==> flow/design.v <==
module ex_diff_unit_rtl (CLK, aresetn, in0, in1, dir, d, co);
   parameter W = 56;
   input CLK;
   input aresetn;
   input signed [W-1:0] in0;
   input signed [W-1:0] in1;
   input dir;
   output [W-1:0] d;
   output co;
   wire [W-1:0] t2;
   assign t2 = in1 ^ {W{dir}};
   wire [W-1:0] t;
   assign t = $unsigned(in0) + t2 + dir;
   reg [W-1:0] r_d;
   always @(posedge CLK or negedge aresetn) begin
      if (~aresetn) begin
         r_d <= 0;
      end else begin
         r_d <= t[W-1:0];
      end
   end
   assign d = r_d;
   reg r_co;
   always @(posedge CLK or negedge aresetn) begin
      if (~aresetn) begin
         r_co <= 1'b0;
      end else begin
         r_co <= (in0[W-1] == t2[W-1]) && (t[W-1] != in0[W-1]);
      end
   end
   assign co = r_co;
endmodule
Tool chain data of ex_diff_unit_rtl --
What the tools print for ex_diff_unit_rtl, step after step. Line numbers count from 1 in the design file above. Cell names lack the library's common part. The mark - stands for no value.
Set-up: top module ex_diff_unit_rtl, clock port CLK, library sky130hd, timing corner tt_025C_1v80

After elaboration --
Yosys after proc, flatten, opt, wreduce and memory -nomap, before mapping. Enables and synchronous resets that opt folds into registers are not counted as muxes. Memory bits, and registers merged into a memory's read port (data or address), are not among the register bits. Print and check cells are not counted. Equal cells are merged and count once.
Operators by class: add/sub/neg operators 2, reduce/logical cells 1, equality and inequality tests 2, bitwise gates (word level) 1
Operators with widths (number):
- adder 56 x 1 -> 56 bit | 1
- adder 56 bit | 1
- XOR 56 bit | 1
- equality test 1 bit | 1
- inequality test 1 bit | 1
- logical AND 1 bit | 1
Word-level totals: output and inout port bits 57, register bits 57

Longest topological paths --
Longest topological path by Yosys (ltp), each cell counted once; first at word level (registers and memories cut), then after technology mapping (sequential cells cut; the memories' decode and read muxes count).
Logic depth: word-level depth 5, ABC_AREA 0, mapped depth 14, depth with buffers taken out 12

After synthesis --
Source: synth_stat.txt of the flow (Yosys; design flattened, memories mapped). It holds for the ABC_AREA given above (unset counts as 0); a run with the other value may have another netlist.
Synthesis totals: buffers 27, chip area (Yosys) 5295.1 um^2, flip-flops 57, cells in the netlist 620
Cell types (number):
- dfrtp_1 | 57
- ha_1 | 54
- xor2_1 | 76
- a21oi_1 | 69
- xnor2_1 | 31
- a21o_1 | 23
- nand2_1 | 42
- o21ai_0 | 29
- nor2_1 | 35
- clkbuf_1 | 26
- nand4_1 | 15
- inv_1 | 23
- nand3_1 | 17
- o21bai_1 | 11
- and3_1 | 9
- nor2b_1 | 9
- nor3_1 | 9
- a211oi_1 | 5
Other cell types: 42; their cells: 80.

Worst setup path after synthesis --
Path of least setup slack by OpenSTA after synthesis, without wires, with an ideal clock, recovery checks aside; 20% of the period is set as input and as output delay. Where synthesis merged equal registers, the netlist keeps one of their names.
Timing after synthesis: path kind input-to-reg, from in dir, to reg r_d[55], delay of the path 3.376 ns, clock period 5.27 ns, time at the first pin 1.054 ns, setup slack 0.839 ns, external input delay 1.054 ns, stages 13, setup time 0.131 ns, data arrival time 4.299 ns, required time 5.139 ns, period reached after synthesis 4.431 ns
"delay of the path" is the arrival time less input delay plus setup time. "stages": output pins that drive a net of the path, with the launching flip-flop's if there is one; two outputs of one cell count as two. "period reached after synthesis" = period - worst setup slack (recovery checks aside). The figure is calculated, with input and output delays left at 20% of the set period. Between the ends stands the longest chain of elaborated cells between them, by number of cells; it is not shown to be the way that was timed. Of several equally long chains one is given. A line is the first line of the expression or statement that the cell stems from. Yosys adds cells for indexed reads and writes and turns some case tables into memories.
On the way, after synthesis: cell sequence clkbuf_1 -> clkbuf_1 -> xor2_1 -> ha_1 -> o211ai_1 -> nor3_1 -> a221o_1 -> a31o_1 -> a41o_1 -> nor4b_4 -> a31o_4 -> and4_4 -> or3_1, length of the longest elaborated chain 3
RTL lines, path after synthesis:
- start, declared | line 7 | input dir;
- XOR 56 bit | line 11 | assign t2 = in1 ^ {W{dir}};
- adder 56 bit | line 13 | assign t = $unsigned(in0) + t2 + dir;
- adder 56 x 1 -> 56 bit | line 13
- end, assigned | line 17 | r_d <= 0;
- end, assigned | line 19 | r_d <= t[W-1:0];
- end, declared | line 14 | reg [W-1:0] r_d;

Timing after layout --
From the final timing report of stored run 1: the path of least setup slack in the routed layout; clock arrival at registers is part of the times.
Timing post-layout: path kind input-to-reg, from in in0[20], to reg r_d[48], required time 3.61 ns, stages 12, setup slack -0.24 ns, clock period 3.35 ns, setup time 0.10 ns, time at the first pin 0.67 ns, data arrival time 3.85 ns, external input delay 0.67 ns
Between the ends stands the longest chain of elaborated cells between them, by number of cells; it is not shown to be the way that was timed. Of several equally long chains one is given.
On the way, post-layout: cell sequence clkdlybuf4s50_1 -> ha_4 -> nand2_2 -> o211ai_1 -> o31ai_4 -> nor4_4 -> buf_4 -> a21oi_4 -> o21a_4 -> or3_4 -> a21oi_2 -> xor2_1, length of the longest elaborated chain 2
RTL lines, path post-layout:
- start, declared | line 5 | input signed [W-1:0] in0;
- adder 56 bit | line 13 | assign t = $unsigned(in0) + t2 + dir;
- adder 56 x 1 -> 56 bit | line 13
- end, assigned | line 17 | r_d <= 0;
- end, assigned | line 19 | r_d <= t[W-1:0];
- end, declared | line 14 | reg [W-1:0] r_d;

Memo
Re: implementation data of ex_diff_unit_rtl

3 stored runs of ex_diff_unit_rtl in the flow (synthesis by Yosys, layout by OpenROAD, sky130hd cells), in arbitrary order. Constraints: input delay and output delay 20% of the set period each, output load 0.01 pF.
"worst setup path time" means the part of the period allowed to the worst setup path (the constraints hold back 20% at inputs and 20% at outputs) less its slack; where the path has registers, the arrival times of their clocks count too.
"total power of the final layout": no workload was simulated; the value follows from the tool's default switching activity.

* Stored run 1 | settings: period_ns 3.35; CORE_UTILIZATION 23; HOLD_SLACK_MARGIN -0.06; CELL_PAD_IN_SITES_GLOBAL_PLACEMENT 0; CELL_PAD_IN_SITES_DETAIL_PLACEMENT 2; TNS_END_PERCENT 65; ABC_AREA 0; GPL_TIMING_DRIVEN 1; CTS_CLUSTER_SIZE 13; CAP_MARGIN 20; CORE_MARGIN 2; SLEW_MARGIN 20 | results: worst setup path time 2.92 ns; critical path kind input-to-reg; area of the standard cells in the finished layout 10050.9 um^2; mapped cell area after synthesis 5295.1 um^2; die area 24251.8 um^2; utilization in the final report 44.4 %; setup slack of the worst path -0.241 ns; total power of the final layout 0.005056 W
* Stored run 2 | settings: period_ns 5.27; CAP_MARGIN 20; CORE_MARGIN 2; CORE_UTILIZATION 40; SLEW_MARGIN 20 | results: worst setup path time 3.21 ns; critical path kind input-to-reg; area of the standard cells in the finished layout 7454.6 um^2; mapped cell area after synthesis 5295.1 um^2; die area 14174.1 um^2; utilization in the final report 57.0 %; setup slack of the worst path 1.005 ns; total power of the final layout 0.002398 W
* Stored run 3 | settings: period_ns 4.81; CORE_UTILIZATION 63; SETUP_SLACK_MARGIN -0.41; PLACE_DENSITY 0.36; CORE_ASPECT_RATIO 1.24; CELL_PAD_IN_SITES_GLOBAL_PLACEMENT 3; TNS_END_PERCENT 90; GPL_TIMING_DRIVEN 0; CTS_CLUSTER_DIAMETER 25; SLEW_MARGIN 35; MAX_ROUTING_LAYER met5; CAP_MARGIN 20; CORE_MARGIN 2 | no results, placement failed with GPL-0301
